==> flow/design.v <==
module add_rtl #(
    parameter integer DWIDTH = 96,
    parameter integer GROUP = 2
) (
    input wire aclk,
    input wire nrst,
    input wire clk_en,
    input wire [DWIDTH-1:0] dataa,
    input wire [DWIDTH-1:0] datab,
    input wire carry_in,
    output reg [DWIDTH-1:0] res,
    output reg carry_out
);
    localparam GROUPS = DWIDTH / GROUP;
    wire [DWIDTH-1:0] r;
    wire [GROUPS:0] c;
    assign c[0] = carry_in;
    genvar g;
    generate
        for (g = 0; g < GROUPS; g = g + 1) begin : row
            wire [GROUP:0] s0 = dataa[g*GROUP +: GROUP] + datab[g*GROUP +: GROUP];
            wire [GROUP:0] s1 = dataa[g*GROUP +: GROUP] + datab[g*GROUP +: GROUP] + 1'b1;
            assign {c[g+1], r[g*GROUP +: GROUP]} = c[g] ? s1 : s0;
        end
    endgenerate
    always @(posedge aclk or negedge nrst) begin
        if (~nrst) begin
            res <= 0;
            carry_out <= 1'b0;
        end else if (clk_en) begin
            res <= r;
            carry_out <= c[GROUPS];
        end
    end
endmodule
== From RTL to reports: add_rtl ==
The steps from the RTL of add_rtl to its reports follow in flow order.
Lines are those of the file above, counted from 1.
Operators carry their Yosys type and port widths (W data, S select, Z words).
Library cell names are shortened.
The mark n/a stands for no value.

* Design top: add_rtl
* Clock port: aclk
* Cell library: sky130hd
* Timing corner: tt_025C_1v80

== Word-level counts ==
Counts by Yosys on the flattened word-level netlist (proc, flatten, opt, wreduce; memories kept). Register bits leave out memories and registers merged into their read ports (data or address); mux counts leave out enables and synchronous resets folded into registers. Print and check cells are left out. Cells with the same type and inputs are merged into one.

* Bits in registers: 97
* Bits of input ports: 196
* Cells after elaboration: 146

* $add $sub $neg: 96
* Mux-type cells: 48

{| class="wikitable"
|+ Operators with widths
! cell !! count
|-
| $add A2 B2 Y3 || 48
|-
| $add A3 B1 Y3 const B || 48
|-
| $mux W3 || 48
|}

== Logic depth ==
Depth = most cells in a row (Yosys ltp): at word level without a register or memory, in the mapped netlist without a sequential cell, where the memories' decode and read muxes count.

* Depth in word-level cells: 50
* ABC_AREA: 0
* Depth in mapped cells: 44
* Mapped depth without buffers: 43

== Mapped cells and area ==
The flow's flattened synthesis, as Yosys stat reports it; memories are mapped. The netlist is that of the ABC_AREA named above (0 if unset); the other value can give another one.
The area totals of this step are shown rounded.

{| class="wikitable"
|+ Cells by type
! cell type !! count !! area in all (µm²)
|-
| dfrtp_1 || 97 || 2.43E+03
|-
| ha_1 || 96 || 1.2E+03
|-
| fa_1 || 48 || 960.922
|-
| xnor2_1 || 72 || 630.605
|-
| mux2_2 || 40 || 450.432
|-
| mux2i_1 || 42 || 420.403
|-
| nor2_1 || 92 || 345.331
|-
| a21oi_1 || 62 || 310.298
|-
| inv_1 || 45 || 168.912
|-
| nor2b_1 || 27 || 168.912
|-
| a311oi_4 || 6 || 157.651
|-
| nand3b_1 || 21 || 157.651
|-
| nand3_1 || 29 || 145.139
|-
| nand4_1 || 22 || 137.632
|-
| clkbuf_1 || 31 || 116.362
|-
| nand2_1 || 30 || 112.608
|-
| a31oi_1 || 17 || 106.352
|-
| nor4_1 || 16 || 100.096
|}

Not listed: further types 70, cells in them 177.

* Cell count: 970
* Synthesis area: 9700 µm²
* Area of sequential cells: 2400 µm²
* Flip-flops: 97
* Buffers: 34

== Worst setup path after synthesis ==
Path of least setup slack by OpenSTA after synthesis, without wires, with an ideal clock, recovery checks aside; 20% of the period is set as input and as output delay. Where synthesis merged equal registers, the netlist keeps one of their names.

* Path kind: input port to flip-flop
* Start: in dataa[0]
* End: reg res[92]
* Clock period: 16900 ps
* External input delay: 3380 ps
* Arrival time: 14093 ps
* Data required time: 16780 ps
* Slack: 2687 ps
* Delay of the path: 10833 ps
* Stages: 44
* Synthesis period reached: 14213 ps

"delay of the path" is the arrival time less input delay plus setup time.
"stages": output pins that drive a net of the path, with the launching flip-flop's if there is one; two outputs of one cell count as two.
"synthesis period reached" is the clock period less the worst setup slack; recovery checks do not enter. This is arithmetic on one report: input and output delays are still those of the set period (20% each).
Between the ends stands the longest chain of elaborated cells between them, by number of cells; it is not shown to be the way that was timed. Of several equally long chains one is given.
Each line given opens the expression or statement behind the cell; cells for indexed reads and writes are added by Yosys, which also makes memories of some case tables.

* Cells stage by stage: ha_1 > inv_1 > fa_1 > inv_1 > ha_1 > a21bo_2 > a311o_1 > a2111o_1 > a32o_2 > a311oi_2 > nor3_1 > a311oi_4 > a21bo_1 > a311oi_1 > nor3_1 > a311oi_4 > a21bo_2 > a311oi_2 > (+8 left out) > nand4_1 > o211ai_2 > a21boi_1 > or3_4 > o41a_4 > nor3_4 > a21oi_2 > or4_4 > and3_4 > a311oi_4 > a21o_4 > nand3_4 > o41a_2 > or3_1 > buf_6 > a311oi_4 > o21ai_1 > a31o_1
* Cells in the longest elaborated chain: 49
* Elaborated cells between the ends (all ways): 49
* Classes of those cells: add/sub (2); mux (47)

{| class="wikitable"
|+ RTL lines, path after synthesis
! element !! line !! source
|-
| from (decl) || 8 || <nowiki>input wire [DWIDTH-1:0] dataa,</nowiki>
|-
| $add A2 B2 Y3 || 22 || <nowiki>wire [GROUP:0] s1 = dataa[g*GROUP +: GROUP] + datab[g*GROUP +: GROUP] + 1'b1;</nowiki>
|-
| $add A3 B1 Y3 || 22 ||
|-
| $mux W3 x47 || 23 || <nowiki>assign {c[g+1], r[g*GROUP +: GROUP]} = c[g] ? s1 : s0;</nowiki>
|-
| to (assign) || 28 || <nowiki>res <= 0;</nowiki>
|-
| to (assign) || 31 || <nowiki>res <= r;</nowiki>
|-
| to (decl) || 11 || <nowiki>output reg [DWIDTH-1:0] res,</nowiki>
|}

== Timing after layout ==
From the final timing report of job 1: the path of least setup slack in the routed layout; clock arrival at registers is part of the times.
The report prints the path's times to 10 ps; the period is as set.

* Path kind: input port to flip-flop
* Start: in dataa[0]
* End: reg res[92]
* Clock period: 15000 ps
* External input delay: 3000 ps
* Arrival time: 15570 ps
* Data required time: 15240 ps
* Slack: -330 ps
* Stages: 47

Between the ends stands the longest chain of elaborated cells between them, by number of cells; it is not shown to be the way that was timed. Of several equally long chains one is given.

* Cells stage by stage: clkdlybuf4s50_1 > ha_1 > inv_1 > fa_1 > inv_1 > ha_1 > a21bo_2 > a311o_1 > a2111o_1 > a32o_2 > a311oi_2 > nor3_1 > a311oi_4 > buf_4 > a21bo_1 > a311oi_1 > nor3_1 > a311oi_4 > (+11 left out) > nand4_1 > o211ai_2 > a21boi_1 > or3_4 > o41a_4 > nor3_4 > a21boi_1 > nor4_1 > nor4_1 > a311oi_4 > a21o_4 > nand3_4 > a41oi_2 > or3_1 > buf_6 > a311oi_4 > o21ai_1 > a31o_1
* Cells in the longest elaborated chain: 49
* Elaborated cells between the ends (all ways): 49
* Classes of those cells: add/sub (2); mux (47)

{| class="wikitable"
|+ RTL lines, path post-layout
! element !! line !! source
|-
| from (decl) || 8 || <nowiki>input wire [DWIDTH-1:0] dataa,</nowiki>
|-
| $add A2 B2 Y3 || 22 || <nowiki>wire [GROUP:0] s1 = dataa[g*GROUP +: GROUP] + datab[g*GROUP +: GROUP] + 1'b1;</nowiki>
|-
| $add A3 B1 Y3 || 22 ||
|-
| $mux W3 x47 || 23 || <nowiki>assign {c[g+1], r[g*GROUP +: GROUP]} = c[g] ? s1 : s0;</nowiki>
|-
| to (assign) || 28 || <nowiki>res <= 0;</nowiki>
|-
| to (assign) || 31 || <nowiki>res <= r;</nowiki>
|-
| to (decl) || 11 || <nowiki>output reg [DWIDTH-1:0] res,</nowiki>
|}

==> results <==
add_rtl through Yosys and OpenROAD on sky130hd: 3 stored runs, unordered, with their settings and measured results. The constraints put input and output delay at 20% of the set period each and load the outputs with 0.01 pF.
By "achieved clock period" is meant the clock period of the run minus its worst setup slack. This is arithmetic on one report: input and output delays are still those of the set period (20% each).
By "worst setup path time" is meant the share of the clock period that the worst setup path is allowed (20% is reserved at inputs, 20% at outputs), minus its slack. Clock arrival times at its registers enter into it.
"power" rests on the timing tool's default activity at the inputs, not on a simulated workload.
"worst setup path time" is known to 10 ps.
The results are shown rounded.

Job 1
==> flow/run.sh <==
#!/bin/bash
# the make line also repeats the synthesis and layout settings of config.mk as NAME=value (left out here)
make -C /OpenROAD-flow-scripts/flow DESIGN_CONFIG=/design/flow/config.mk WORK_HOME=/design/flow/orfs CLKGATE_MAP_FILE= finish
==> flow/config.mk <==
export PLATFORM = sky130hd
export DESIGN_NAME = add_rtl
export DESIGN_NICKNAME = add_rtl
export VERILOG_FILES = /design/flow/design.v
export SDC_FILE = /design/flow/constraint.sdc
export NUM_CORES = 4
export LEC_CHECK = 0
export CAP_MARGIN = 20
export CELL_PAD_IN_SITES_DETAIL_PLACEMENT = 1
export CORE_MARGIN = 2
export CORE_UTILIZATION = 30
export GPL_TIMING_DRIVEN = 0
export PLACE_DENSITY_LB_ADDON = 0.08
export SETUP_SLACK_MARGIN = -1.12
export SLEW_MARGIN = 20
export TNS_END_PERCENT = 85
==> flow/constraint.sdc <==
create_clock -name core_clock -period 15.0 [get_ports {aclk}]
set_input_delay 3.0000 -clock core_clock [delete_from_list [all_inputs] [get_ports {aclk}]]
set_output_delay 3.0000 -clock core_clock [all_outputs]
set_load 0.01 [all_outputs]

==> results of job 1 <==
chip area after synthesis (Yosys): 9700 µm²
die area: 34000 µm²
standard-cell area of the final layout: 13000 µm²
utilization: 0.43
worst setup slack after layout: -330 ps
total negative slack: -1400 ps
worst hold slack: 490 ps
power: 0.0013 W
achieved clock period: 15325 ps
worst setup path time: 12330 ps
worst setup path kind: input port to flip-flop

Job 2
==> flow/run.sh <==
#!/bin/bash
# the make line also repeats the synthesis and layout settings of config.mk as NAME=value (left out here)
make -C /OpenROAD-flow-scripts/flow DESIGN_CONFIG=/design/flow/config.mk WORK_HOME=/design/flow/orfs CLKGATE_MAP_FILE= finish
==> flow/config.mk <==
export PLATFORM = sky130hd
export DESIGN_NAME = add_rtl
export DESIGN_NICKNAME = add_rtl
export VERILOG_FILES = /design/flow/design.v
export SDC_FILE = /design/flow/constraint.sdc
export NUM_CORES = 4
export LEC_CHECK = 0
export CAP_MARGIN = 20
export CORE_MARGIN = 2
export CORE_UTILIZATION = 40
export SLEW_MARGIN = 20
==> flow/constraint.sdc <==
create_clock -name core_clock -period 16.9 [get_ports {aclk}]
set_input_delay 3.3800 -clock core_clock [delete_from_list [all_inputs] [get_ports {aclk}]]
set_output_delay 3.3800 -clock core_clock [all_outputs]
set_load 0.01 [all_outputs]

==> results of job 2 <==
chip area after synthesis (Yosys): 9700 µm²
die area: 25000 µm²
standard-cell area of the final layout: 13000 µm²
utilization: 0.56
worst setup slack after layout: 1400 ps
total negative slack: 0 ps
worst hold slack: 510 ps
power: 0.0011 W
achieved clock period: 15535 ps
worst setup path time: 12150 ps
worst setup path kind: input port to flip-flop

Job 3
==> flow/run.sh <==
#!/bin/bash
# the make line also repeats the synthesis and layout settings of config.mk as NAME=value (left out here)
make -C /OpenROAD-flow-scripts/flow DESIGN_CONFIG=/design/flow/config.mk WORK_HOME=/design/flow/orfs CLKGATE_MAP_FILE= finish
==> flow/config.mk <==
export PLATFORM = sky130hd
export DESIGN_NAME = add_rtl
export DESIGN_NICKNAME = add_rtl
export VERILOG_FILES = /design/flow/design.v
export SDC_FILE = /design/flow/constraint.sdc
export NUM_CORES = 4
export LEC_CHECK = 0
export CAP_MARGIN = 20
export CORE_ASPECT_RATIO = 0.63
export CORE_MARGIN = 6
export CORE_UTILIZATION = 19
export MAX_ROUTING_LAYER = met4
export MIN_ROUTING_LAYER = met2
export PLACE_DENSITY_LB_ADDON = 0.17
export SETUP_SLACK_MARGIN = 4.83
export SLEW_MARGIN = 20
==> flow/constraint.sdc <==
create_clock -name core_clock -period 21.7 [get_ports {aclk}]
set_input_delay 4.3400 -clock core_clock [delete_from_list [all_inputs] [get_ports {aclk}]]
set_output_delay 4.3400 -clock core_clock [all_outputs]
set_load 0.01 [all_outputs]

==> results of job 3 <==
chip area after synthesis (Yosys): 9700 µm²
die area: 57000 µm²
standard-cell area of the final layout: 14000 µm²
utilization: 0.28
worst setup slack after layout: 5400 ps
total negative slack: 0 ps
worst hold slack: 510 ps
power: 0.00091 W
achieved clock period: 16261 ps
worst setup path time: 11920 ps
worst setup path kind: input port to flip-flop
